==> flow/design.v <==
module ex_scratch #(
    parameter D = 10,
    parameter DATA_WIDTH = 4,
    parameter RPORTS = 1,
    parameter WPORTS = 6,
    parameter ADDR_W = $clog2(D)
) (
    input logic ck,
    input logic [WPORTS-1:0] load_in,
    input logic [WPORTS*ADDR_W-1:0] wr_addr_in,
    input logic [WPORTS*DATA_WIDTH-1:0] din_in,
    input logic [RPORTS*ADDR_W-1:0] raddr_in,
    output logic [RPORTS*DATA_WIDTH-1:0] rd_out
);
    logic [DATA_WIDTH-1:0] store [0:D-1];
    always_ff @(posedge ck) begin
        for (int k = 0; k < WPORTS; k++)
            if (load_in[k]) store[wr_addr_in[k*ADDR_W +: ADDR_W]] <= din_in[k*DATA_WIDTH +: DATA_WIDTH];
    end
    logic [RPORTS*DATA_WIDTH-1:0] val;
    for (genvar gj = 0; gj < RPORTS; gj++) begin : row
        assign val[gj*DATA_WIDTH +: DATA_WIDTH] = store[raddr_in[gj*ADDR_W +: ADDR_W]];
    end
    always_ff @(posedge ck)
        rd_out <= val;
endmodule
### Tool chain data of ex_scratch

The steps from the RTL of ex_scratch to its reports follow in flow order.
Lines are those of the file above, counted from 1.
The mark n/a stands for no value.

| design | value |
|---|---|
| design top | ex_scratch |
| clock | ck |
| library | sky130hd |
| corner | tt_025C_1v80 |

### After elaboration

Source: Yosys, flattened and elaborated, memories not mapped. Widths are those after wreduce; folded enables and synchronous resets count as part of the registers. Registers that Yosys merges into a memory's read port (data or address) are not register bits. Print and check cells do not count. Equal cells are merged and count once.
Memory sizes are those after Yosys's memory passes, which may raise the word count (mostly to a power of two), join words into wider ones and drop unused or constant bits.

| storage and ports | value |
|---|---|
| flip-flop bits (word level) | 0 |
| latch bits | 0 |
| memory bits (writable) | 40 |
| ROM bits | 0 |
| word width x clocked read ports | 4 |
| memories kept | 1 |

Memories:

| name | words | width | rd ports | write ports | line | RTL |
|---|---|---|---|---|---|---|
| store | 10 | 4 | 1 | 6 | 15 | `logic [DATA_WIDTH-1:0] store [0:D-1];` |

| operators by class | value |
|---|---|
| add/subtract/negate cells | 0 |
| multiply operators | 0 |
| divide/modulo/power cells | 0 |
| magnitude comparators | 0 |
| equality and inequality tests | 0 |
| shift operators | 0 |
| mux-type cells | 18 |
| bitwise logic cells | 0 |
| reductions and logical operators | 0 |

Operator list:

| kind | count |
|---|---|
| 2-to-1 mux 4 bit | 12 |
| 2-to-1 mux 1 bit | 6 |

### Longest topological paths

Yosys ltp: most cells in a row. Word level: on the elaborated netlist, between registers, memories and ports. Mapped: between sequential cells and ports; inverters and the memories' decode and read muxes count.

| depth | value |
|---|---|
| depth after elaboration | 1 |
| ABC_AREA | 0 |
| depth in mapped cells | 6 |
| gate-level depth less buffers | 4 |

### After synthesis

The flow's flattened synthesis, as Yosys stat reports it; memories are mapped. The netlist is that of the ABC_AREA named above (0 if unset); the other value can give another one.
The area totals of this step are shown rounded.

| mapped netlist | value |
|---|---|
| cells in the netlist | 603 |
| mapped area | 0.0049 mm^2 |
| area of sequential cells | 0.0013 mm^2 |
| flip-flop cells | 44 |

Cell types:

| cell type | count | area in all (um^2) |
|---|---|---|
| sky130_fd_sc_hd__edfxtp_1 | 40 | 1.2E+03 |
| sky130_fd_sc_hd__o22ai_1 | 49 | 306.544 |
| sky130_fd_sc_hd__a211oi_1 | 36 | 270.259 |
| sky130_fd_sc_hd__mux4_2 | 8 | 180.173 |
| sky130_fd_sc_hd__nor2_1 | 48 | 180.173 |
| sky130_fd_sc_hd__o211ai_1 | 23 | 172.666 |
| sky130_fd_sc_hd__a21oi_1 | 26 | 130.125 |
| sky130_fd_sc_hd__nand3b_1 | 17 | 127.622 |
| sky130_fd_sc_hd__o21ai_0 | 25 | 125.12 |
| sky130_fd_sc_hd__a211o_1 | 13 | 113.859 |
| sky130_fd_sc_hd__clkbuf_1 | 30 | 112.608 |
| sky130_fd_sc_hd__nand2_1 | 28 | 105.101 |
| sky130_fd_sc_hd__o22a_1 | 12 | 105.101 |
| sky130_fd_sc_hd__nor3_1 | 20 | 100.096 |
| sky130_fd_sc_hd__and3b_1 | 11 | 96.342 |
| sky130_fd_sc_hd__a21boi_0 | 12 | 90.086 |
| sky130_fd_sc_hd__nand2b_1 | 14 | 87.584 |
| sky130_fd_sc_hd__nor2b_1 | 14 | 87.584 |

Other cell types: 42; their cells: 177.

### Path before layout

OpenSTA on the mapped netlist: ideal clock, no wires. The path of least setup slack (recovery checks aside). Input and output delay are each 20% of the period. Register names are those of the netlist, which keeps one name where synthesis merged equal registers.

| timing path after synthesis | value |
|---|---|
| path type | input-to-reg |
| start | in load_in[1] |
| end | mem store[6][0] |
| clock period | 2.26 ns |
| time at the first pin | 0.452 ns |
| data arrival time | 1.566 ns |
| required time | 1.927 ns |
| path slack | 0.361 ns |
| path delay | 1.447 ns |
| stages on the path | 5 |
| buffers on the path | 2 |
| synthesis period reached | 1.899 ns |

"path delay" = arrival - input delay + setup time.
"stages on the path" counts driving pins, that of a launching flip-flop among them; a cell with two outputs on the path counts twice.
"synthesis period reached" = period - worst setup slack (recovery checks aside). The figure is calculated, with input and output delays left at 20% of the set period.
Between the ends stands the longest chain of elaborated cells between them, by number of cells; it is not shown to be the way that was timed. Of several equally long chains one is given.
Each line given opens the expression or statement behind the cell; cells for indexed reads and writes are added by Yosys, which also makes memories of some case tables.
The path ends at the enable pin of a flip-flop; only ways to that pin are counted.

| between the ends, after synthesis | value |
|---|---|
| cells stage by stage | sky130_fd_sc_hd__buf_4 > sky130_fd_sc_hd__and3b_1 > sky130_fd_sc_hd__clkbuf_1 > sky130_fd_sc_hd__a2111oi_0 > sky130_fd_sc_hd__o311ai_0 |
| length of the longest elaborated chain | 1 |

RTL lines, path after synthesis:

| element | line | RTL |
|---|---|---|
| start, declared | 9 | `input logic [WPORTS-1:0] load_in,` |
| 2-to-1 mux 4 bit | 18 | `if (load_in[k]) store[wr_addr_in[k*ADDR_W +: ADDR_W]] <= din_in[k*DATA_WIDTH +: DATA_WIDTH];` |
| end, declared | 15 | `logic [DATA_WIDTH-1:0] store [0:D-1];` |

### Timing after layout

From the final timing report of run 1: the path of least setup slack in the routed layout; clock arrival at registers is part of the times.

| timing path after layout | value |
|---|---|
| path type | input-to-reg |
| start | in wr_addr_in[3] |
| end | mem store[5][0] |
| clock period | 2.87 ns |
| time at the first pin | 0.57 ns |
| data arrival time | 2.41 ns |
| required time | 2.78 ns |
| path slack | 0.37 ns |
| stages on the path | 3 |
| buffers on the path | 1 |

Between the ends stands the longest chain of elaborated cells between them, by number of cells; it is not shown to be the way that was timed. Of several equally long chains one is given.

| between the ends, after layout | value |
|---|---|
| cells stage by stage | sky130_fd_sc_hd__clkdlybuf4s50_1 > sky130_fd_sc_hd__nand3b_1 > sky130_fd_sc_hd__o311ai_0 |
| length of the longest elaborated chain | 1 |

RTL lines, path after layout:

| element | line | RTL |
|---|---|---|
| start, declared | 10 | `input logic [WPORTS*ADDR_W-1:0] wr_addr_in,` |
| 2-to-1 mux 4 bit | 18 | `if (load_in[k]) store[wr_addr_in[k*ADDR_W +: ADDR_W]] <= din_in[k*DATA_WIDTH +: DATA_WIDTH];` |
| end, declared | 15 | `logic [DATA_WIDTH-1:0] store [0:D-1];` |

Top module ex_scratch; platform sky130hd; tools Yosys and OpenROAD; 3 stored runs in no particular order. Input and output delays are each 20% of the period that was set; the output load is 0.01 pF.
"achieved period" is the run's clock period less its worst setup slack. It is reckoned from that one timing run; input and output delays stay at 20% of the period that was set.
By "worst setup path time" is meant the share of the clock period that the worst setup path is allowed (20% is reserved at inputs, 20% at outputs), minus its slack. Clock arrival times at its registers enter into it.
"total power after layout": no workload was simulated; the value follows from the tool's default switching activity.
Results are given in rounded form.
Among the settings, n/a means not set for that run.

| stored run | period_ns | CORE_UTILIZATION | SETUP_SLACK_MARGIN | PLACE_DENSITY_LB_ADDON | CORE_ASPECT_RATIO | TNS_END_PERCENT | GPL_ROUTABILITY_DRIVEN | CTS_CLUSTER_SIZE | CAP_MARGIN | SLEW_MARGIN | MAX_ROUTING_LAYER | CORE_MARGIN | PLACE_DENSITY | CELL_PAD_IN_SITES_DETAIL_PLACEMENT | area of the synthesized netlist (mm^2) | die footprint (mm^2) | standard-cell area of the final layout (mm^2) | final design utilization (%) | setup slack of the worst path (ns) | total negative slack on setup checks (ns) | total power after layout (uW) | achieved period (ns) | worst setup path time (ns) | worst setup path type |
|---|---|---|---|---|---|---|---|---|---|---|---|---|---|---|---|---|---|---|---|---|---|---|---|---|
| run 1 | 2.87 | 38 | 0.32 | 0.11 | 1.35 | 5 | 1 | 89 | 5 | 20 | met4 | 2 | n/a | n/a | 0.0049 | 0.014 | 0.0061 | 48 | 0.37 | 0.000 | 2200 | 2.502 | 1.93 | input-to-reg |
| run 2 | 3.03 | 21 | 0.26 | n/a | n/a | n/a | n/a | 29 | 20 | 40 | n/a | 9 | 0.53 | 2 | 0.0049 | 0.029 | 0.0063 | 27 | 0.50 | 0.000 | 2100 | 2.526 | 1.92 | input-to-reg |
| run 3 | 2.26 | 40 | n/a | n/a | n/a | n/a | n/a | n/a | 20 | 20 | n/a | 2 | n/a | n/a | 0.0049 | 0.013 | 0.007 | 59 | 0.041 | 0.000 | 2900 | 2.219 | 1.77 | input-to-reg |
